==> flow/design.v <==
module alu_selector_v2_m2 #(parameter N = 1) (
    input wire [N-1:0] a,
    input wire [N-1:0] b,
    input wire s,
    output wire [N-1:0] y
);
    assign y = (a & {N{~s}}) | (b & {N{s}});
endmodule
module alu_selector_v2 #(
    parameter integer XLEN = 8,
    parameter integer LANES = 4,
    parameter integer SBITS = $clog2(LANES)
) (
    input  i_clk,
    input  rst_ni,
    input  [LANES*XLEN-1:0] src,
    input  [SBITS-1:0] s,
    output reg [XLEN-1:0] res
);
    reg [LANES*XLEN-1:0] src_reg;
    reg [SBITS-1:0] s_reg;
    wire [XLEN-1:0] nd [1:2*LANES-1];
    genvar k;
    generate
        for (k = 0; k < LANES; k = k + 1) begin : u_g
            assign nd[LANES+k] = src_reg[k*XLEN +: XLEN];
        end
        for (k = 1; k < LANES; k = k + 1) begin : g_bit
            alu_selector_v2_m2 #(.N(XLEN)) unit (.a(nd[2*k]), .b(nd[2*k+1]), .s(s_reg[SBITS - $clog2(k+1)]), .y(nd[k]));
        end
    endgenerate
    always @(posedge i_clk or negedge rst_ni) begin
        if (!rst_ni) begin
            src_reg <= 0;
            s_reg <= 0;
            res <= 0;
        end else begin
            src_reg <= src;
            s_reg <= s;
            res <= nd[1];
        end
    end
endmodule
Reports on alu_selector_v2 --
Tool output for the design above, in the order of the flow. Line numbers count from 1 in the design file above. Operators carry their Yosys type and port widths (W data, S select, Z words). Not given: -
Inputs: top module alu_selector_v2, clock input i_clk, library sky130hd, library corner tt_025C_1v80

Word-level counts --
Yosys after proc, flatten, opt, wreduce and memory -nomap, before mapping. Enables and synchronous resets that opt folds into registers are not counted as muxes. Print and check cells are not counted. Equal cells are merged and count once.
Bit counts: register bits after elaboration 42, latch bits 0, RAM bits 0, bits in read-only memories 0, word width x clocked read ports 0, memories 0, input port bits 36, output and inout bits 8, cells after elaboration 14
Cells by class: add/sub/neg operators 0, multiply operators 0, divide/modulo/power cells 0, order comparisons 0, equal/unequal tests 0, shifts and indexed selects 0, multiplexer cells 0, bitwise logic cells 11, reduce/logical cells 0
Operator list (number):
- $and A8 B8 Y8 | 6
- $or A8 B8 Y8 | 3
- $not A1 Y1 | 2

Depth --
Depth = most cells in a row (Yosys ltp): at word level without a register or memory, in the mapped netlist without a sequential cell, where the memories' decode and read muxes count.
Depth: depth after elaboration 5, ABC_AREA 0, depth in mapped cells 2, depth with buffers taken out 1

Mapped cells and area --
Source: synth_stat.txt of the flow (Yosys; design flattened, memories mapped). It holds for the ABC_AREA given above (unset counts as 0); a run with the other value may have another netlist. The area totals of this step are shown rounded.
Cell types:
- sky130_fd_sc_hd__dfrtp_1 | number 42, total area 1.05E+03 um2
- sky130_fd_sc_hd__mux4_2 | number 8, total area 180.173 um2
- sky130_fd_sc_hd__buf_6 | number 1, total area 11.261 um2
- sky130_fd_sc_hd__clkbuf_2 | number 1, total area 5.005 um2
Synthesis totals: cells in the netlist 52, mapped area 0.001247 mm2, sequential area 0.001051 mm2, mapped flip-flops 42, buffers 2
The figures by module come from a second, unflattened synthesis with its own total; it is not the netlist above.
Second synthesis, totals: cell total of the unflattened synthesis 69, area total of the unflattened synthesis 0.001445 mm2
Rows give one instance, submodules left out.
Modules:
- alu_selector_v2 | instances 1, cells 42, area 0.001051 mm2, seq. area 0.001051 mm2
- alu_selector_v2_m2 (N=8) | instances 3, cells 9, area 0.0001314 mm2, seq. area 0 mm2

Path before layout --
Source: OpenSTA report_checks on the synthesized netlist (no wires, ideal clock, input and output delay 20% of the period each), path of least setup slack; recovery checks are left aside. Register names are those of the netlist, which keeps one name where synthesis merged equal registers.
Timing path after synthesis: kind reg-to-reg, from reg s_reg[0], to reg res[0], clock period 1360 ps, library setup time 138 ps, launch time at the first pin 0 ps, data arrival time 949 ps, required time 1222 ps, slack 273 ps, path delay 1087 ps, stages 3, path buffers 1, synthesis period reached 1087 ps
"path delay" = arrival - input delay + setup time. "stages": output pins that drive a net of the path, with the launching flip-flop's if there is one; two outputs of one cell count as two. "synthesis period reached" is the clock period less the worst setup slack; recovery checks do not enter. This is arithmetic on one report: input and output delays are still those of the set period (20% each). The rows between start and end are the longest chain of elaborated cells between them; the timing report does not say that the signal goes this way. Where chains are equally long, one stands for them. A line is the first line of the expression or statement that the cell stems from. Yosys adds cells for indexed reads and writes and turns some case tables into memories.
Between the ends, after synthesis: cell sequence sky130_fd_sc_hd__dfrtp_1 > sky130_fd_sc_hd__buf_6 > sky130_fd_sc_hd__mux4_2, length of the longest elaborated chain 5, elaborated cells on any way between the ends 10, source lines of those cells 1, those cells by class logic: 10
RTL lines, path after synthesis:
- from (decl) | line 21 | reg [SBITS-1:0] s_reg;
- from (assign) | line 35 | s_reg <= 0;
- from (assign) | line 39 | s_reg <= s;
- $not A1 Y1 | line 7 | assign y = (a & {N{~s}}) | (b & {N{s}});
- $and A8 B8 Y8 | line 7
- $or A8 B8 Y8 | line 7
- $and A8 B8 Y8 | line 7
- $or A8 B8 Y8 | line 7
- to (assign) | line 36 | res <= 0;
- to (assign) | line 40 | res <= nd[1];
- to (decl) | line 18 | output reg [XLEN-1:0] res

Worst path after layout --
From the final timing report of entry A: the path of least setup slack in the routed layout; clock arrival at registers is part of the times. The path's times are printed in steps of 10 ps; the period is the one set.
Timing path after layout: kind reg-to-output, from reg res[5], to out res[5], clock period 1360 ps, output delay 270 ps, launch time at the first pin 330 ps, data arrival time 990 ps, required time 1090 ps, slack 100 ps, stages 2, path buffers 1
Between the ends, after layout: cell sequence sky130_fd_sc_hd__dfrtp_1 > sky130_fd_sc_hd__dlygate4sd2_1, length of the longest elaborated chain 0, elaborated cells on any way between the ends 0, source lines of those cells 0
RTL lines, path after layout:
- from (decl) | line 18 | output reg [XLEN-1:0] res
- from (assign) | line 36 | res <= 0;
- from (assign) | line 40 | res <= nd[1];
- to (decl) | line 18

Appendix: measured runs

Design alu_selector_v2 on sky130hd. What follows are 3 stored runs of the flow, each under its own settings; their order means nothing. The constraints put input and output delay at 20% of the set period each and load the outputs with 0.01 pF.
By "clock period achieved" is meant the clock period of the run minus its worst setup slack. This is arithmetic on one report: input and output delays are still those of the set period (20% each).
"worst setup path time" means the part of the period allowed to the worst setup path (the constraints hold back 20% at inputs and 20% at outputs) less its slack; where the path has registers, the arrival times of their clocks count too.
"total power of the final layout": no workload was simulated; the value follows from the tool's default switching activity.
"worst setup path time" is known to 10 ps.
Measured values are rounded.

* Entry A | settings: period_ns 1.36; CAP_MARGIN 20; CORE_MARGIN 2; CORE_UTILIZATION 40; SLEW_MARGIN 20 | results: clock period achieved 1264 ps; chip area in the Yosys report 0.001247 mm2; worst hold slack in the final report 358 ps; post-layout utilization 60.3%; total power of the final layout 2306 uW; setup slack of the worst path 96 ps; area inside the die boundary 0.003581 mm2; standard-cell area after layout 0.00181 mm2; total negative setup slack 0 ps; worst setup path time 990 ps; critical path type reg-to-output
* Entry B | settings: period_ns 0.892; CORE_UTILIZATION 28; PLACE_DENSITY_LB_ADDON 0.02; HOLD_SLACK_MARGIN 0.06; ABC_AREA 1; CTS_CLUSTER_DIAMETER 242; CAP_MARGIN 5; SLEW_MARGIN 20; MIN_ROUTING_LAYER met2; CORE_MARGIN 2 | results: chip area in the Yosys report 0.001446 mm2; clock period achieved 996 ps; worst hold slack in the final report 314 ps; standard-cell area after layout 0.002068 mm2; setup slack of the worst path -104 ps; total negative setup slack -1123 ps; post-layout utilization 41.0%; total power of the final layout 3618 uW; area inside the die boundary 0.005756 mm2; worst setup path time 1000 ps; critical path type reg-to-reg
* Entry C | settings: period_ns 1.24; CORE_UTILIZATION 53; SETUP_SLACK_MARGIN 0.03; PLACE_DENSITY_LB_ADDON 0.21; CORE_ASPECT_RATIO 0.84; CORE_MARGIN 4; CELL_PAD_IN_SITES_DETAIL_PLACEMENT 0; TNS_END_PERCENT 90; ABC_AREA 1; CTS_CLUSTER_SIZE 34; CAP_MARGIN 15; MIN_ROUTING_LAYER met2; SLEW_MARGIN 20 | results: standard-cell area after layout 0.001956 mm2; total negative setup slack 0 ps; area inside the die boundary 0.003632 mm2; worst setup path time 940 ps; critical path type reg-to-output; clock period achieved 1183 ps; setup slack of the worst path 57 ps; chip area in the Yosys report 0.001446 mm2; post-layout utilization 74.7%; worst hold slack in the final report 322 ps; total power of the final layout 2428 uW
